==> flow/design.v <==
module core_addsub_n #(
  parameter BITS = 12
) (
  input logic clock,
  input logic aresetn,
  input logic valid,
  input logic [BITS-1:0] src1,
  input logic [BITS-1:0] src2,
  output logic [BITS-1:0] q
);
  logic [BITS-1:0] r_src1;
  logic [BITS-1:0] r_src2;
  logic [BITS:0] r_t;
  always_ff @(posedge clock or negedge aresetn) begin
    if (~aresetn) begin
      r_src1 <= 0;
      r_src2 <= 0;
      r_t <= 0;
      q <= 0;
    end else if (valid) begin
      r_src1 <= src1;
      r_src2 <= src2;
      r_t <= r_src1 - r_src2;
      q <= r_t[BITS] ? {BITS{1'b0}} : r_t[BITS-1:0];
    end
  end
endmodule
* From RTL to reports: core_addsub_n
Tool output for the design above, in the order of the flow. Lines are those of the file above, counted from 1. Library cell names are shortened. The mark -- stands for no value.
Set-up: top module core_addsub_n, clock port clock, library sky130hd, corner tt_025C_1v80

* Elaborated design
Source: Yosys, flattened and elaborated, memories not mapped. Widths are those after wreduce; folded enables and synchronous resets count as part of the registers. Registers that Yosys merges into a memory's read port (data or address) are not register bits. Print and check cells do not count. Equal cells are merged and count once.
Operators by class: $add $sub $neg 1, mux-type cells 1
Operators with widths (number):
- subtractor 12 x 12 -> 13 bit | 1
- 2-to-1 mux 12 bit | 1
Storage and ports: register bits 49, output and inout bits 12, elaborated cells 6

* Logic depth
Longest topological path by Yosys (ltp), each cell counted once; first at word level (registers and memories cut), then after technology mapping (sequential cells cut; the memories' decode and read muxes count).
Depth: depth in word-level cells 1, ABC_AREA 0, gate-level depth with buffers 8, gate-level depth less buffers 8

* After synthesis
Source: synth_stat.txt of the flow (Yosys; design flattened, memories mapped). It holds for the ABC_AREA given above (unset counts as 0); a run with the other value may have another netlist. Totals and module areas in this step are rounded.
Cell types:
- dfrtp_1 | number 49, total area 1.23E+03 µm²
- mux2_2 | number 15, total area 168.912 µm²
- ha_1 | number 12, total area 150.144 µm²
- o21ai_0 | number 24, total area 120.115 µm²
- inv_1 | number 28, total area 105.101 µm²
- nand2_1 | number 25, total area 93.84 µm²
- nand3b_1 | number 10, total area 75.072 µm²
- a21oi_1 | number 7, total area 35.034 µm²
- xnor2_1 | number 4, total area 35.034 µm²
- o31ai_1 | number 4, total area 30.029 µm²
- o311ai_4 | number 1, total area 26.275 µm²
- o31ai_2 | number 2, total area 25.024 µm²
- a211oi_1 | number 3, total area 22.522 µm²
- a21o_1 | number 3, total area 22.522 µm²
- clkbuf_1 | number 6, total area 22.522 µm²
- o21a_1 | number 3, total area 22.522 µm²
- a211oi_4 | number 1, total area 20.019 µm²
- fa_1 | number 1, total area 20.019 µm²
Not listed: further types 22, cells in them 38.
Synthesis totals: mapped cells 236, chip area (Yosys) 2477 µm², sequential area 1226 µm², flip-flop cells 49

* Timing after synthesis
Path of least setup slack by OpenSTA after synthesis, without wires, with an ideal clock, recovery checks aside; 20% of the period is set as input and as output delay. Where synthesis merged equal registers, the netlist keeps one of their names.
Path post-synthesis: path kind flip-flop to flip-flop, start register r_src2[0], end register r_t[10], period 2300 ps, library setup time 120 ps, time at the first pin 0 ps, arrival time 1723 ps, data required time 2180 ps, slack 458 ps, delay of the path 1843 ps, stages on the path 8, synthesis period reached 1842 ps
"delay of the path" is the arrival time less input delay plus setup time. "stages on the path" counts driving pins, that of a launching flip-flop among them; a cell with two outputs on the path counts twice. "synthesis period reached" = period - worst setup slack (recovery checks aside). The figure is calculated, with input and output delays left at 20% of the set period. The rows between start and end are the longest chain of elaborated cells between them; the timing report does not say that the signal goes this way. Where chains are equally long, one stands for them. Each line given opens the expression or statement behind the cell; cells for indexed reads and writes are added by Yosys, which also makes memories of some case tables.
On the way, post-synthesis: cell sequence dfrtp_1 > ha_1 > fa_1 > nor2b_4 > o31a_4 > o311ai_4 > a21o_1 > a31o_1, cells in the longest elaborated chain 1, elaborated cells between the ends (all ways) 1, RTL lines with such cells 1
Ends and longest elaborated chain, post-synthesis:
- start, declared | line 12 | logic [BITS-1:0] r_src2;
- start, assigned | line 17 | r_src2 <= 0;
- start, assigned | line 22 | r_src2 <= src2;
- subtractor 12 x 12 -> 13 bit | line 23 | r_t <= r_src1 - r_src2;
- end, assigned | line 18 | r_t <= 0;
- end, assigned | line 23
- end, declared | line 13 | logic [BITS:0] r_t;

* Timing after layout
Path of least setup slack in the final report of flow run 1 (OpenROAD, finished layout, wires in). Where an end is a register, its clock arrival counts in the times. The report prints the path's times to 10 ps; the period is as set.
Path after layout: path kind flip-flop to flip-flop, start register r_src1[0], end register r_t[10], period 1420 ps, library setup time 100 ps, time at the first pin 300 ps, arrival time 2100 ps, data required time 1620 ps, slack -470 ps, stages on the path 9
The rows between start and end are the longest chain of elaborated cells between them; the timing report does not say that the signal goes this way. Where chains are equally long, one stands for them.
On the way, after layout: cell sequence dfrtp_1 > inv_2 > ha_4 > fa_2 > nor2b_4 > o31a_4 > o311ai_4 > nand3_1 > a31o_1, cells in the longest elaborated chain 1, elaborated cells between the ends (all ways) 1, RTL lines with such cells 1
Ends and longest elaborated chain, after layout:
- start, declared | line 11 | logic [BITS-1:0] r_src1;
- start, assigned | line 16 | r_src1 <= 0;
- start, assigned | line 21 | r_src1 <= src1;
- subtractor 12 x 12 -> 13 bit | line 23 | r_t <= r_src1 - r_src2;
- end, assigned | line 18 | r_t <= 0;
- end, assigned | line 23
- end, declared | line 13 | logic [BITS:0] r_t;

FLOW RESULTS
============

Flow measurements of core_addsub_n on sky130hd: 3 stored runs with different settings, listed in no order. Input and output delays are each 20% of the period that was set; the output load is 0.01 pF.
"achieved period" = clock period - worst setup slack. The figure is calculated, with input and output delays left at 20% of the set period.
By "time used up by the worst setup path" is meant the share of the clock period that the worst setup path is allowed (20% is reserved at inputs, 20% at outputs), minus its slack. Clock arrival times at its registers enter into it.
By "total power of the final layout" is meant OpenSTA's value without simulated activity: inputs other than the clock are taken to toggle once in ten clock periods, and the tool carries that through the logic.
"time used up by the worst setup path" is given in steps of 10 ps.
Results are given in rounded form.

[flow run 1] flow files
==> flow/run.sh <==
#!/bin/bash
# the make line also repeats the synthesis and layout settings of config.mk as NAME=value (left out here)
make -C /OpenROAD-flow-scripts/flow DESIGN_CONFIG=/design/flow/config.mk WORK_HOME=/design/flow/orfs CLKGATE_MAP_FILE= finish
==> flow/config.mk <==
export PLATFORM = sky130hd
export DESIGN_NAME = core_addsub_n
export DESIGN_NICKNAME = core_addsub_n
export VERILOG_FILES = /design/flow/design.v
export SDC_FILE = /design/flow/constraint.sdc
export NUM_CORES = 4
export LEC_CHECK = 0
export CAP_MARGIN = 40
export CELL_PAD_IN_SITES_DETAIL_PLACEMENT = 0
export CORE_MARGIN = 2
export CORE_UTILIZATION = 27
export CTS_CLUSTER_DIAMETER = 355
export CTS_CLUSTER_SIZE = 59
export GPL_TIMING_DRIVEN = 0
export PLACE_DENSITY_LB_ADDON = 0.1
export SETUP_SLACK_MARGIN = 0.21
export SLEW_MARGIN = 15
==> flow/constraint.sdc <==
create_clock -name core_clock -period 1.42 [get_ports {clock}]
set_input_delay 0.2840 -clock core_clock [delete_from_list [all_inputs] [get_ports {clock}]]
set_output_delay 0.2840 -clock core_clock [all_outputs]
set_load 0.01 [all_outputs]

[flow run 1] result: cell area after synthesis 2477 µm²; die area 9958 µm²; standard-cell area after routing 3465 µm²; final design utilization 39.3 %; smallest setup slack -474 ps; total power of the final layout 0.00416 W; achieved period 1894 ps; time used up by the worst setup path 1890 ps; critical path kind flip-flop to flip-flop

[flow run 2] flow files
==> flow/run.sh <==
#!/bin/bash
# the make line also repeats the synthesis and layout settings of config.mk as NAME=value (left out here)
make -C /OpenROAD-flow-scripts/flow DESIGN_CONFIG=/design/flow/config.mk WORK_HOME=/design/flow/orfs CLKGATE_MAP_FILE= finish
==> flow/config.mk <==
export PLATFORM = sky130hd
export DESIGN_NAME = core_addsub_n
export DESIGN_NICKNAME = core_addsub_n
export VERILOG_FILES = /design/flow/design.v
export SDC_FILE = /design/flow/constraint.sdc
export NUM_CORES = 4
export LEC_CHECK = 0
export CAP_MARGIN = 20
export CORE_MARGIN = 2
export CORE_UTILIZATION = 40
export SLEW_MARGIN = 20
==> flow/constraint.sdc <==
create_clock -name core_clock -period 2.3 [get_ports {clock}]
set_input_delay 0.4600 -clock core_clock [delete_from_list [all_inputs] [get_ports {clock}]]
set_output_delay 0.4600 -clock core_clock [all_outputs]
set_load 0.01 [all_outputs]

[flow run 2] result: cell area after synthesis 2477 µm²; die area 6839 µm²; standard-cell area after routing 3044 µm²; final design utilization 51.1 %; smallest setup slack 364 ps; total power of the final layout 0.002457 W; achieved period 1936 ps; time used up by the worst setup path 1940 ps; critical path kind flip-flop to flip-flop

[flow run 3] flow files
==> flow/run.sh <==
#!/bin/bash
# the make line also repeats the synthesis and layout settings of config.mk as NAME=value (left out here)
make -C /OpenROAD-flow-scripts/flow DESIGN_CONFIG=/design/flow/config.mk WORK_HOME=/design/flow/orfs CLKGATE_MAP_FILE= finish
==> flow/config.mk <==
export PLATFORM = sky130hd
export DESIGN_NAME = core_addsub_n
export DESIGN_NICKNAME = core_addsub_n
export VERILOG_FILES = /design/flow/design.v
export SDC_FILE = /design/flow/constraint.sdc
export NUM_CORES = 4
export LEC_CHECK = 0
export CAP_MARGIN = 20
export CELL_PAD_IN_SITES_DETAIL_PLACEMENT = 0
export CORE_MARGIN = 3
export CORE_UTILIZATION = 38
export CTS_CLUSTER_DIAMETER = 305
export MIN_ROUTING_LAYER = met2
export PLACE_DENSITY = 0.86
export SLEW_MARGIN = 20
==> flow/constraint.sdc <==
create_clock -name core_clock -period 2.88 [get_ports {clock}]
set_input_delay 0.5760 -clock core_clock [delete_from_list [all_inputs] [get_ports {clock}]]
set_output_delay 0.5760 -clock core_clock [all_outputs]
set_load 0.01 [all_outputs]

[flow run 3] result: cell area after synthesis 2477 µm²; die area 7524 µm²; standard-cell area after routing 3037 µm²; final design utilization 49.5 %; smallest setup slack 920 ps; total power of the final layout 0.002047 W; achieved period 1960 ps; time used up by the worst setup path 1960 ps; critical path kind flip-flop to flip-flop
